==> flow/design.v <==
module core_muxn #(
  parameter DATA_WIDTH = 2
) (
  input  ck,
  input  resetn,
  input  step,
  input  [DATA_WIDTH-1:0] val_0,
  input  [DATA_WIDTH-1:0] val_1,
  input  [DATA_WIDTH-1:0] val_2,
  input  [DATA_WIDTH-1:0] val_3,
  input  [DATA_WIDTH-1:0] val_4,
  input  [DATA_WIDTH-1:0] val_5,
  input  [DATA_WIDTH-1:0] val_6,
  input  [2:0] select,
  output reg [DATA_WIDTH-1:0] q
);
  reg [DATA_WIDTH-1:0] r_val_0;
  reg [DATA_WIDTH-1:0] r_val_1;
  reg [DATA_WIDTH-1:0] r_val_2;
  reg [DATA_WIDTH-1:0] r_val_3;
  reg [DATA_WIDTH-1:0] r_val_4;
  reg [DATA_WIDTH-1:0] r_val_5;
  reg [DATA_WIDTH-1:0] r_val_6;
  reg [2:0] r_select;
  always @(posedge ck) begin
    if (!resetn) begin
      r_val_0 <= 0;
      r_val_1 <= 0;
      r_val_2 <= 0;
      r_val_3 <= 0;
      r_val_4 <= 0;
      r_val_5 <= 0;
      r_val_6 <= 0;
      r_select <= 0;
    end else if (step) begin
      r_val_0 <= val_0;
      r_val_1 <= val_1;
      r_val_2 <= val_2;
      r_val_3 <= val_3;
      r_val_4 <= val_4;
      r_val_5 <= val_5;
      r_val_6 <= val_6;
      r_select <= select;
    end
  end
  reg [DATA_WIDTH-1:0] work;
  always @(*) begin
    if (r_select == 0) work = r_val_0;
    else if (r_select == 1) work = r_val_1;
    else if (r_select == 2) work = r_val_2;
    else if (r_select == 3) work = r_val_3;
    else if (r_select == 4) work = r_val_4;
    else if (r_select == 5) work = r_val_5;
    else work = r_val_6;
  end
  always @(posedge ck) begin
    if (!resetn) begin
      q <= 0;
    end else if (step) begin
      q <= work;
    end
  end
endmodule
# Reports on core_muxn
# The steps from the RTL of core_muxn to its reports follow in flow order.
# Line numbers count from 1 in the design file above.
# Cell names lack the library's common part.
# A cell with n/a has no value.
# setup
top_module,core_muxn
clock_port,ck
lib,sky130hd
lib_corner,tt_025C_1v80

# Word-level counts
# Source: Yosys, flattened and elaborated, memories not mapped. Widths are those after wreduce; folded enables and synchronous resets count as part of the registers. Registers that Yosys merges into a memory's read port (data or address) are not register bits. Print and check cells do not count. Equal cells are merged and count once.
# word_totals
elab_cells,21
reg_bits,19
out_inout_bits,2
input_bits,20
# classes
n_mux,6
reduce_logical,1
eq_ne,5
# ops
operator,n
two-way mux 2 bit,6
== test 3 x 2 -> 1 bit (second input constant),2
== test 3 bit (second input constant),2
== test 3 x 1 -> 1 bit (second input constant),1
logical NOT 3 bit,1

# Depth
# Longest topological path by Yosys (ltp), each cell counted once; first at word level (registers and memories cut), then after technology mapping (sequential cells cut; the memories' decode and read muxes count).
# depth
ltp_word,7
ABC_AREA,1
depth_mapped,11
ltp_nobuf,11

# Netlist
# Source: synth_stat.txt of the flow (Yosys; design flattened, memories mapped). It holds for the ABC_AREA given above (unset counts as 0); a run with the other value may have another netlist.
# synth_totals
area_mm2,0.0008245
cell_count,117
buffers,4
ff_cells,19
# types
cell_type,n
dfxtp_1,19
nor2_1,19
nand2_1,17
o21ai_0,11
a21oi_1,10
o21ai_1,9
inv_1,8
nand3_1,6
inv_2,5
clkbuf_1,4
o211ai_1,2
nand3_2,1
nor3_2,1
a21oi_2,1
nand4_1,1
or2_1,1
nor3_1,1
clkinv_1,1

# Path before layout
# Source: OpenSTA report_checks on the synthesized netlist (no wires, ideal clock, input and output delay 20% of the period each), path of least setup slack; recovery checks are left aside. Register names are those of the netlist, which keeps one name where synthesis merged equal registers.
# synth_path
path_kind,register to register
from,register r_select[1]
to,register q[1]
delay_ns,1.085
path_stages,11
arrival_time_ns,1.019
tclk_ns,1.39
setup_slack_ns,0.305
setup_time_ns,0.066
launch_ns,0.000
path_buffers,0
synth_period_reached_ns,1.085
# "delay_ns" = arrival - input delay + setup time.
# "path_stages" counts driving pins, that of a launching flip-flop among them; a cell with two outputs on the path counts twice.
# "synth_period_reached_ns" = period - worst setup slack (recovery checks aside). The figure is calculated, with input and output delays left at 20% of the set period.
# Between the ends stands the longest chain of elaborated cells between them, by number of cells; it is not shown to be the way that was timed. Of several equally long chains one is given.
# Each line given opens the expression or statement behind the cell; cells for indexed reads and writes are added by Yosys, which also makes memories of some case tables.
# synth_between
cell_sequence,dfxtp_1 -> inv_2 -> nor3_2 -> nand2_1 -> nand2_1 -> inv_2 -> nand2_1 -> nand2_1 -> nand2_1 -> nand2_1 -> a21oi_2
elab_chain_cells,7
cone_cells,12
classes_between,5 x eq/ne; 6 x mux; 1 x reduce/logical
# synth_rtl
element,line,rtl
"start, declared",24,reg [2:0] r_select;
"start, assigned",34,r_select <= 0;
"start, assigned",43,r_select <= select;
== test 3 bit,53,else if (r_select == 5) work = r_val_5;
two-way mux 2 bit,53,
two-way mux 2 bit,52,else if (r_select == 4) work = r_val_4;
two-way mux 2 bit,51,else if (r_select == 3) work = r_val_3;
two-way mux 2 bit,50,else if (r_select == 2) work = r_val_2;
two-way mux 2 bit,49,else if (r_select == 1) work = r_val_1;
two-way mux 2 bit,48,if (r_select == 0) work = r_val_0;
"end, assigned",58,q <= 0;
"end, assigned",60,q <= work;
"end, declared",15,output reg [DATA_WIDTH-1:0] q

# Path in the finished layout
# From the final timing report of record 2: the path of least setup slack in the routed layout; clock arrival at registers is part of the times.
# layout_path
path_kind,register to register
from,register r_select[0]
to,register q[1]
launch_ns,0.29
tclk_ns,0.728
setup_time_ns,0.09
setup_slack_ns,-0.55
arrival_time_ns,1.47
path_buffers,0
path_stages,7
# Between the ends stands the longest chain of elaborated cells between them, by number of cells; it is not shown to be the way that was timed. Of several equally long chains one is given.
# layout_between
cell_sequence,dfxtp_4 -> nor2_4 -> nand2_1 -> o21ai_0 -> clkinv_1 -> nand2_1 -> a21oi_2
elab_chain_cells,7
cone_cells,12
classes_between,5 x eq/ne; 6 x mux; 1 x reduce/logical
# layout_rtl
element,line,rtl
"start, declared",24,reg [2:0] r_select;
"start, assigned",34,r_select <= 0;
"start, assigned",43,r_select <= select;
== test 3 bit,53,else if (r_select == 5) work = r_val_5;
two-way mux 2 bit,53,
two-way mux 2 bit,52,else if (r_select == 4) work = r_val_4;
two-way mux 2 bit,51,else if (r_select == 3) work = r_val_3;
two-way mux 2 bit,50,else if (r_select == 2) work = r_val_2;
two-way mux 2 bit,49,else if (r_select == 1) work = r_val_1;
two-way mux 2 bit,48,if (r_select == 0) work = r_val_0;
"end, assigned",58,q <= 0;
"end, assigned",60,q <= work;
"end, declared",15,output reg [DATA_WIDTH-1:0] q

# Module core_muxn, platform sky130hd: 3 stored runs of the flow (Yosys, OpenROAD) with differing settings, in no particular order. Input and output delays are each 20% of the period that was set; the output load is 0.01 pF.
# "clock_period_reached_ns" is the run's clock period less its worst setup slack. It is reckoned from that one timing run; input and output delays stay at 20% of the period that was set.
# "worst_path_allowed_less_slack_ns" = time allowed to the worst setup path (clock period - input delay - output delay, where it has them) - its slack; a late launch clock adds to it, a late capture clock takes from it.
# "final_power_mw": no workload was simulated; the value follows from the tool's default switching activity.
# A setting shown as . is not set for that run.
# Results: . = not shown.
run,period_ns,CORE_UTILIZATION,SETUP_SLACK_MARGIN,PLACE_DENSITY_LB_ADDON,CORE_ASPECT_RATIO,CELL_PAD_IN_SITES_DETAIL_PLACEMENT,TNS_END_PERCENT,ABC_AREA,GPL_TIMING_DRIVEN,CTS_CLUSTER_DIAMETER,MIN_ROUTING_LAYER,MAX_ROUTING_LAYER,CAP_MARGIN,CORE_MARGIN,SLEW_MARGIN,setup_ws_ns,cell_area_final_mm2,worst_hold_slack_ns,finalUtil_pct,worst_path_allowed_less_slack_ns,path_kind,clock_period_reached_ns,setupTns_ns,design_die_area_mm2,final_power_mw,synth_area_mm2
record 1,1.07,46,0.32,0.03,0.69,1,50,1,1,242,met1,met4,20,2,20,.,.,.,.,.,.,.,.,.,.,.
record 2,0.728,47,0.14,0.23,.,.,15,1,.,.,.,met5,0,2,25,-0.548,0.0013588,0.424,80.4,1.28,register to register,1.276,-1.814,0.0021054,2.344,0.0008245
record 3,1.39,40,.,.,.,.,.,.,.,.,.,.,20,2,20,0.140,0.0012024,0.500,55.4,1.25,register to register,1.250,0.000,0.0026615,1.081,0.0009059
# Record 1: unfinished; error DPL-0033 in clock tree synthesis
